==> flow/design.v <==
module u_subtractor_blk #(
  parameter W = 7
) (
  input  logic ck,
  input  logic [W-1:0] arg0,
  input  logic [W-1:0] arg1,
  input  logic mode,
  output logic [W:0] q
);
  always_ff @(posedge ck) begin
    q <= mode ? arg0 - arg1 : arg0 + arg1;
  end
endmodule
==> From RTL to reports: u_subtractor_blk <==
The steps from the RTL of u_subtractor_blk to its reports follow in flow order.
Line numbers count from 1 in the design file above.
Library cell names are shortened.
{ "design": {"design": "u_subtractor_blk", "clock_port": "ck", "cell_library": "sky130hd", "lib_corner": "tt_025C_1v80"} }

==> After elaboration <==
Counts by Yosys on the flattened word-level netlist (proc, flatten, opt, wreduce; memories kept). Register bits leave out memories and registers merged into their read ports (data or address); mux counts leave out enables and synchronous resets folded into registers. Print and check cells are left out. Cells with the same type and inputs are merged into one.
{ "word_totals": {"register_bits": 8, "latch_bits": 0, "mem_bits_rw": 0, "mem_bits_ro": 0, "clocked_rd_ports_x_width": 0, "mem_count": 0, "in_bits": 16, "output_inout_bits": 8, "word_cells": 4} }
{ "op_classes": {"n_addsub": 2, "mul": 0, "n_div": 0, "compare": 0, "eq_ne": 0, "shift": 0, "muxes": 1, "n_logic": 0, "n_reduce_logical": 0} }
{ "op_table": {"columns": ["operator", "n"], "rows": [
  ["adder 7 x 7 -> 8 bit", 1],
  ["subtractor 7 x 7 -> 8 bit", 1],
  ["2-to-1 mux 8 bit", 1]
]} }

==> Logic depth <==
Yosys ltp: most cells in a row. Word level: on the elaborated netlist, between registers, memories and ports. Mapped: between sequential cells and ports; inverters and the memories' decode and read muxes count.
{ "logic_depth": {"ltp_word": 2, "abc_area": 0, "mapped_depth": 9, "depth_no_buf": 9} }

==> Netlist <==
The flow's flattened synthesis, as Yosys stat reports it; memories are mapped. The netlist is that of the ABC_AREA named above (0 if unset); the other value can give another one.
The area totals of this step are shown rounded.
{ "types": {"columns": ["cell", "n"], "rows": [
  ["dfxtp_1", 8],
  ["ha_1", 8],
  ["xnor2_1", 7],
  ["nor2_1", 8],
  ["a21oi_1", 5],
  ["inv_1", 6],
  ["fa_1", 1],
  ["nor2b_1", 3],
  ["xor2_1", 2],
  ["nor3_1", 3],
  ["o21ai_0", 3],
  ["a31oi_1", 2],
  ["mux2i_1", 1],
  ["or4b_1", 1],
  ["o2111ai_1", 1],
  ["o31a_1", 1],
  ["nand2_1", 2],
  ["nand3b_1", 1]
]} }
Not listed: further types 5, cells in them 5.
{ "mapped": {"cells": 68, "area_mm2": 0.000583, "ff_cells": 8, "buffers": 1} }

==> Path before layout <==
Source: OpenSTA report_checks on the synthesized netlist (no wires, ideal clock, input and output delay 20% of the period each), path of least setup slack; recovery checks are left aside. Register names are those of the netlist, which keeps one name where synthesis merged equal registers.
{ "synth_path": {"path_type": "input port to flip-flop", "startpoint": "input mode", "endpoint": "register q[5]", "clock_period_ns": 2.79, "setup_ns": 0.082, "launch_ns": 0.558, "arrival_ns": 2.263, "required_ns": 2.708, "setup_slack_ns": 0.445, "delay_ns": 1.787, "driving_pins": 7, "period_less_setup_slack_ns": 2.345} }
"delay_ns" = arrival - input delay + setup time.
"driving_pins" counts driving pins, that of a launching flip-flop among them; a cell with two outputs on the path counts twice.
"period_less_setup_slack_ns" = period - worst setup slack (recovery checks aside). The figure is calculated, with input and output delays left at 20% of the set period.
Between the ends stands the longest chain of elaborated cells between them, by number of cells; it is not shown to be the way that was timed. Of several equally long chains one is given.
Each line given opens the expression or statement behind the cell; cells for indexed reads and writes are added by Yosys, which also makes memories of some case tables.
{ "synth_via": {"cell_sequence": "clkbuf_1 -> mux2i_1 -> ha_1 -> nor2b_1 -> o31a_1 -> or4b_1 -> o2111ai_1", "elab_chain_cells": 1, "cone_cells": 1, "lines_between": 1, "cone_classes": "mux (1)"} }
{ "synth_lines": {"columns": ["item", "line_no", "text"], "rows": [
  ["start, declared", 7, "input  logic mode,"],
  ["2-to-1 mux 8 bit", 11, "q <= mode ? arg0 - arg1 : arg0 + arg1;"],
  ["end, assigned", 11, null],
  ["end, declared", 8, "output logic [W:0] q"]
]} }

==> Path in the finished layout <==
Path of least setup slack in the final report of flow run 1 (OpenROAD, finished layout, wires in). Where an end is a register, its clock arrival counts in the times.
{ "layout_path": {"path_type": "input port to flip-flop", "startpoint": "input arg1[0]", "endpoint": "register q[5]", "clock_period_ns": 2.69, "setup_ns": 0.08, "launch_ns": 0.54, "arrival_ns": 2.76, "required_ns": 2.87, "setup_slack_ns": 0.11, "driving_pins": 9} }
Between the ends stands the longest chain of elaborated cells between them, by number of cells; it is not shown to be the way that was timed. Of several equally long chains one is given.
{ "layout_via": {"cell_sequence": "clkdlybuf4s50_1 -> inv_1 -> ha_1 -> mux2i_1 -> ha_1 -> nor2b_1 -> o31a_1 -> or4b_1 -> o2111ai_1", "elab_chain_cells": 2, "cone_cells": 3, "lines_between": 1, "cone_classes": "add/sub (2); mux (1)"} }
{ "layout_lines": {"columns": ["item", "line_no", "text"], "rows": [
  ["start, declared", 6, "input  logic [W-1:0] arg1,"],
  ["adder 7 x 7 -> 8 bit", 11, "q <= mode ? arg0 - arg1 : arg0 + arg1;"],
  ["2-to-1 mux 8 bit", 11, null],
  ["end, assigned", 11, null],
  ["end, declared", 8, "output logic [W:0] q"]
]} }

Flow measurements of u_subtractor_blk on sky130hd: 3 stored runs with different settings, listed in no order. Input and output delays are each 20% of the period that was set; the output load is 0.01 pF.
By "achievedPeriod_ns" is meant the clock period of the run minus its worst setup slack. This is arithmetic on one report: input and output delays are still those of the set period (20% each).
"worst_path_ns" is the time allowed to the run's worst setup path (the clock period less input and output delay, where it has them) less its slack. Clock arrival times count: a late capture clock shortens it, a late launch clock lengthens it.
"final_power_mw" is the tool's figure for a default switching activity; nothing was simulated.
The results are shown rounded.
[
  {
    "run": "flow run 1",
    "settings": { "period_ns": 2.69, "CORE_UTILIZATION": 42, "PLACE_DENSITY": 0.94, "CORE_MARGIN": 4, "TNS_END_PERCENT": 15, "GPL_TIMING_DRIVEN": 1, "GPL_ROUTABILITY_DRIVEN": 0, "CTS_CLUSTER_SIZE": 86, "SLEW_MARGIN": 5, "CAP_MARGIN": 20 },
    "results": { "achievedPeriod_ns": 2.585, "ys_area_mm2": 0.000583, "ws_setup_ns": 0.105, "finish.stdcell_area_mm2": 0.000911, "worst_path_ns": 2.05, "worst_path_kind": "input port to flip-flop", "die_area_mm2": 0.00205, "layout_utilization_pct": 70.0, "final_hold_ws_ns": 0.954, "final_power_mw": 0.495, "timing.setup.tns_ns": 0.000 }
  },
  {
    "run": "flow run 2",
    "settings": { "period_ns": 2.79, "CAP_MARGIN": 20, "CORE_MARGIN": 2, "CORE_UTILIZATION": 40, "SLEW_MARGIN": 20 },
    "results": { "achievedPeriod_ns": 2.590, "ys_area_mm2": 0.000583, "ws_setup_ns": 0.200, "finish.stdcell_area_mm2": 0.000903, "worst_path_ns": 2.03, "worst_path_kind": "input port to flip-flop", "die_area_mm2": 0.00178, "layout_utilization_pct": 67.7, "final_hold_ws_ns": 0.945, "final_power_mw": 0.475, "timing.setup.tns_ns": 0.000 }
  },
  {
    "run": "flow run 3",
    "settings": { "period_ns": 1.95, "CORE_UTILIZATION": 27, "SETUP_SLACK_MARGIN": 0.16, "PLACE_DENSITY_LB_ADDON": 0.08, "CORE_ASPECT_RATIO": 1.04, "CELL_PAD_IN_SITES_GLOBAL_PLACEMENT": 1, "CELL_PAD_IN_SITES_DETAIL_PLACEMENT": 0, "TNS_END_PERCENT": 85, "ABC_AREA": 0, "GPL_TIMING_DRIVEN": 1, "CAP_MARGIN": 40, "MAX_ROUTING_LAYER": "met5", "CORE_MARGIN": 2, "SLEW_MARGIN": 20 },
    "results": { "achievedPeriod_ns": 1.878, "ys_area_mm2": 0.000583, "ws_setup_ns": 0.072, "finish.stdcell_area_mm2": 0.00123, "worst_path_ns": 1.49, "worst_path_kind": "input port to flip-flop", "die_area_mm2": 0.00255, "layout_utilization_pct": 59.2, "final_hold_ws_ns": 0.544, "final_power_mw": 0.798, "timing.setup.tns_ns": 0.000 }
  }
]
